==> flow/design.v <==
module sync_barrel_mod #(
  parameter integer BITS = 20,
  parameter integer SBITS = $clog2(BITS)
) (
  input logic sys_clk,
  input logic clr,
  input logic [BITS-1:0] ch,
  input logic [SBITS-1:0] sa,
  output logic [BITS-1:0] res
);
  logic [BITS-1:0] ch_r;
  logic [SBITS-1:0] sa_r;
  always_ff @(posedge sys_clk) begin
    if (clr) begin
      ch_r <= 0;
      sa_r <= 0;
      res <= 0;
    end else begin
      ch_r <= ch;
      sa_r <= sa;
      res <= ch_r >> sa_r;
    end
  end
endmodule
From RTL to reports: sync_barrel_mod
Module sync_barrel_mod in several versions that differ in "BITS"; each step lists the members.
The file above is the member BITS 20. Line numbers count from 1 in each member's own file.
Operators carry their Yosys type and port widths (W data, S select, Z words).
Library cell names are shortened.
A cell with - has no value.
- top: sync_barrel_mod
- clock: sys_clk
- standard-cell library: sky130hd
- timing corner: tt_025C_1v80

Source of the members
Lines of each other member's file that are new or changed against the file above; lines that a member lacks are not shown.
- new or changed lines (BITS ; line ; source):
    32 ; 2 ; parameter integer BITS = 32,
    56 ; 2 ; parameter integer BITS = 56,
    80 ; 2 ; parameter integer BITS = 80,

Word level
Counts by Yosys on the flattened word-level netlist (proc, flatten, opt, wreduce; memories kept). Register bits leave out memories and registers merged into their read ports (data or address); mux counts leave out enables and synchronous resets folded into registers. Print and check cells are left out. Cells with the same type and inputs are merged into one.
- bit counts (BITS ; bits in registers ; latch bits ; memory bits (writable) ; ROM bits ; clocked read ports x word width ; memories kept ; bits of input ports ; output and inout bits ; word-level cells):
    20 ; 45 ; 0 ; 0 ; 0 ; 0 ; 0 ; 27 ; 20 ; 4
    32 ; 69 ; 0 ; 0 ; 0 ; 0 ; 0 ; 39 ; 32 ; 4
    56 ; 118 ; 0 ; 0 ; 0 ; 0 ; 0 ; 64 ; 56 ; 4
    80 ; 167 ; 0 ; 0 ; 0 ; 0 ; 0 ; 89 ; 80 ; 4
- cells by class (BITS ; add/sub/neg operators ; $mul ; divide/modulo/power cells ; order comparisons ; eq/ne operators ; shifts and indexed selects ; multiplexer cells ; bitwise gates (word level) ; reduce/logical cells):
    20 ; 0 ; 0 ; 0 ; 0 ; 0 ; 1 ; 0 ; 0 ; 0
    32 ; 0 ; 0 ; 0 ; 0 ; 0 ; 1 ; 0 ; 0 ; 0
    56 ; 0 ; 0 ; 0 ; 0 ; 0 ; 1 ; 0 ; 0 ; 0
    80 ; 0 ; 0 ; 0 ; 0 ; 0 ; 1 ; 0 ; 0 ; 0
- operators with widths (BITS ; kinds with counts):
    20 ; $shr A20 B5 Y20: 1
    32 ; $shr A32 B5 Y32: 1
    56 ; $shr A56 B6 Y56: 1
    80 ; $shr A80 B7 Y80: 1

Depth
Yosys ltp: most cells in a row. Word level: on the elaborated netlist, between registers, memories and ports. Mapped: between sequential cells and ports; inverters and the memories' decode and read muxes count.
- depth (BITS ; depth in word-level cells ; ABC_AREA ; gate-level depth with buffers):
    20 ; 1 ; 0 ; 7
    32 ; 1 ; 0 ; 7
    56 ; 1 ; 0 ; 10
    80 ; 1 ; 0 ; 10

Netlist
The flow's flattened synthesis, as Yosys stat reports it; memories are mapped. The netlist is that of the ABC_AREA named above (0 if unset); the other value can give another one.
The area totals of this step are shown rounded.
- synthesis totals (BITS ; cells in the netlist ; cell area after synthesis (um2) ; sequential part of the area (um2) ; flip-flop cells ; buffers):
    20 ; 188 ; 2060 ; 901 ; 45 ; 16
    32 ; 317 ; 3630 ; 1380 ; 69 ; 26
    56 ; 693 ; 7580 ; 2360 ; 118 ; 64
    80 ; 972 ; 10300 ; 3340 ; 167 ; 86
- cells by type (BITS ; type and count):
    20 ; dfxtp_1: 45; mux2i_1: 27; nor2b_1: 30; mux4_1: 5; mux2_2: 6; nor2_1: 13; mux4_2: 2; o22ai_1: 7; nand2b_1: 5; mux2_4: 2; nand3_1: 6; clkbuf_1: 7; o22ai_2: 2; a22oi_1: 3; buf_6: 2; nand2_1: 6; buf_12: 1; buf_2: 4; (+15)
    32 ; dfxtp_1: 69; mux4_2: 34; mux2i_1: 36; nor2b_1: 42; mux2_2: 8; nand2_1: 20; nor2_1: 15; buf_6: 4; clkbuf_1: 12; o22a_1: 5; buf_2: 6; o21ai_0: 6; a2bb2oi_1: 3; mux4_1: 1; o221ai_1: 3; a21oi_1: 5; and3_1: 4; nor3_1: 5; (+39)
    56 ; dfxtp_1: 118; mux4_2: 69; mux2i_1: 47; nor2b_1: 72; mux2_2: 37; mux4_1: 12; nand2_1: 49; nor2_1: 46; buf_2: 20; o22ai_1: 16; buf_6: 8; a21oi_1: 16; o221ai_1: 9; clkbuf_1: 19; clkbuf_8: 5; nor3_1: 13; nand2b_1: 10; o22a_1: 7; (+120)
    80 ; dfxtp_1: 167; mux4_2: 89; mux2i_1: 76; mux2_2: 61; nor2b_1: 91; nand2_1: 79; nor2_1: 67; mux4_1: 7; clkbuf_1: 39; o22ai_1: 18; nand3_1: 22; buf_2: 21; o22a_1: 12; buf_12: 5; a21oi_1: 16; nor3_1: 16; a221o_1: 7; o21ai_0: 14; (+165)
The mark (+n) counts cells that are not listed.

Timing after synthesis
OpenSTA on the mapped netlist: ideal clock, no wires. The path of least setup slack (recovery checks aside). Input and output delay are each 20% of the period. Register names are those of the netlist, which keeps one name where synthesis merged equal registers.
- timing path after synthesis (BITS ; kind ; from ; to ; clock period (ps) ; path slack (ps) ; driving pins on the path ; delay of the path (ps) ; synthesis period reached (ps)):
    20 ; register -> register ; register sa_r[0] ; register res[1] ; 1890 ; 376 ; 6 ; 1514 ; 1514
    32 ; register -> register ; register sa_r[0] ; register res[11] ; 2200 ; 443 ; 8 ; 1757 ; 1757
    56 ; register -> register ; register sa_r[1] ; register res[9] ; 2560 ; 517 ; 7 ; 2044 ; 2043
    80 ; register -> register ; register sa_r[0] ; register res[9] ; 2890 ; 578 ; 7 ; 2312 ; 2312
"delay of the path" = arrival - input delay + setup time.
"driving pins on the path": output pins that drive a net of the path, with the launching flip-flop's if there is one; two outputs of one cell count as two.
"synthesis period reached" = period - worst setup slack (recovery checks aside). The figure is calculated, with input and output delays left at 20% of the set period.
The rows between start and end are the longest chain of elaborated cells between them; the timing report does not say that the signal goes this way. Where chains are equally long, one stands for them.
Each line given opens the expression or statement behind the cell; cells for indexed reads and writes are added by Yosys, which also makes memories of some case tables.
On the way, after synthesis, BITS 20:
- noted length of the longest elaborated chain: 1
- RTL lines, path after synthesis, BITS 20 (element ; line ; source):
    start, declared ; 12 ; logic [SBITS-1:0] sa_r;
    start, assigned ; 16 ; sa_r <= 0;
    start, assigned ; 20 ; sa_r <= sa;
    $shr A20 B5 Y20 ; 21 ; res <= ch_r >> sa_r;
    end, assigned ; 17 ; res <= 0;
    end, assigned ; 21 ;
    end, declared ; 9 ; output logic [BITS-1:0] res
On the way, after synthesis, BITS 80:
- noted length of the longest elaborated chain: 1
- RTL lines, path after synthesis, BITS 80 (element ; line ; source):
    start, declared ; 12 ; logic [SBITS-1:0] sa_r;
    start, assigned ; 16 ; sa_r <= 0;
    start, assigned ; 20 ; sa_r <= sa;
    $shr A80 B7 Y80 ; 21 ; res <= ch_r >> sa_r;
    end, assigned ; 17 ; res <= 0;
    end, assigned ; 21 ;
    end, declared ; 9 ; output logic [BITS-1:0] res

Worst path after layout
Path of least setup slack in the final report of each member's run (OpenROAD, finished layout, wires in). Where an end is a register, its clock arrival counts in the times.
The report prints the path's times to 10 ps; the period is as set.
- timing path after layout (BITS ; kind ; from ; to ; clock period (ps) ; path slack (ps) ; driving pins on the path ; arrival time (ps) ; path buffers):
    20 ; register -> register ; register sa_r[1] ; register res[0] ; 1890 ; 180 ; 6 ; 1920 ; 1
    32 ; register -> register ; register sa_r[1] ; register res[2] ; 2200 ; 160 ; 6 ; 2260 ; 1
    56 ; register -> register ; register sa_r[2] ; register res[18] ; 2560 ; 140 ; 7 ; 2720 ; 1
    80 ; register -> register ; register sa_r[0] ; register res[44] ; 2890 ; 230 ; 8 ; 2970 ; 2

Flow runs
One run of the flow (Yosys, OpenROAD) for each member, with settings and measured results. Input and output delays are each 20% of the period that was set; the output load is 0.01 pF.
- noted CAP_MARGIN: 20
- CORE_MARGIN: 2
- noted CORE_UTILIZATION: 40
- SLEW_MARGIN at 20
- settings that differ (BITS ; period_ns):
    20 ; 1.89
    32 ; 2.2
    56 ; 2.56
    80 ; 2.89
- final reports (BITS ; area of the synthesized netlist (um2) ; overall die area (um2) ; standard-cell area after routing (um2) ; utilization of the finished layout (%) ; setup slack of the worst path (ps) ; summed negative setup slack (ps) ; worst hold slack (ps) ; total power after layout (W) ; clock period reached (ps)):
    20 ; 2060 ; 5740 ; 2680 ; 53.2 ; 180 ; 0 ; 637 ; 0.00202 ; 1710
    32 ; 3630 ; 9850 ; 4640 ; 53.0 ; 160 ; 0 ; 624 ; 0.00289 ; 2040
    56 ; 7580 ; 20100 ; 9930 ; 53.3 ; 136 ; 0 ; 561 ; 0.00595 ; 2424
    80 ; 10300 ; 27200 ; 13200 ; 51.9 ; 228 ; 0 ; 477 ; 0.00668 ; 2662
"clock period reached" is the run's clock period less its worst setup slack. It is reckoned from that one timing run; input and output delays stay at 20% of the period that was set.
"total power after layout" rests on the timing tool's default activity at the inputs, not on a simulated workload.
Values from the reports are rounded here.
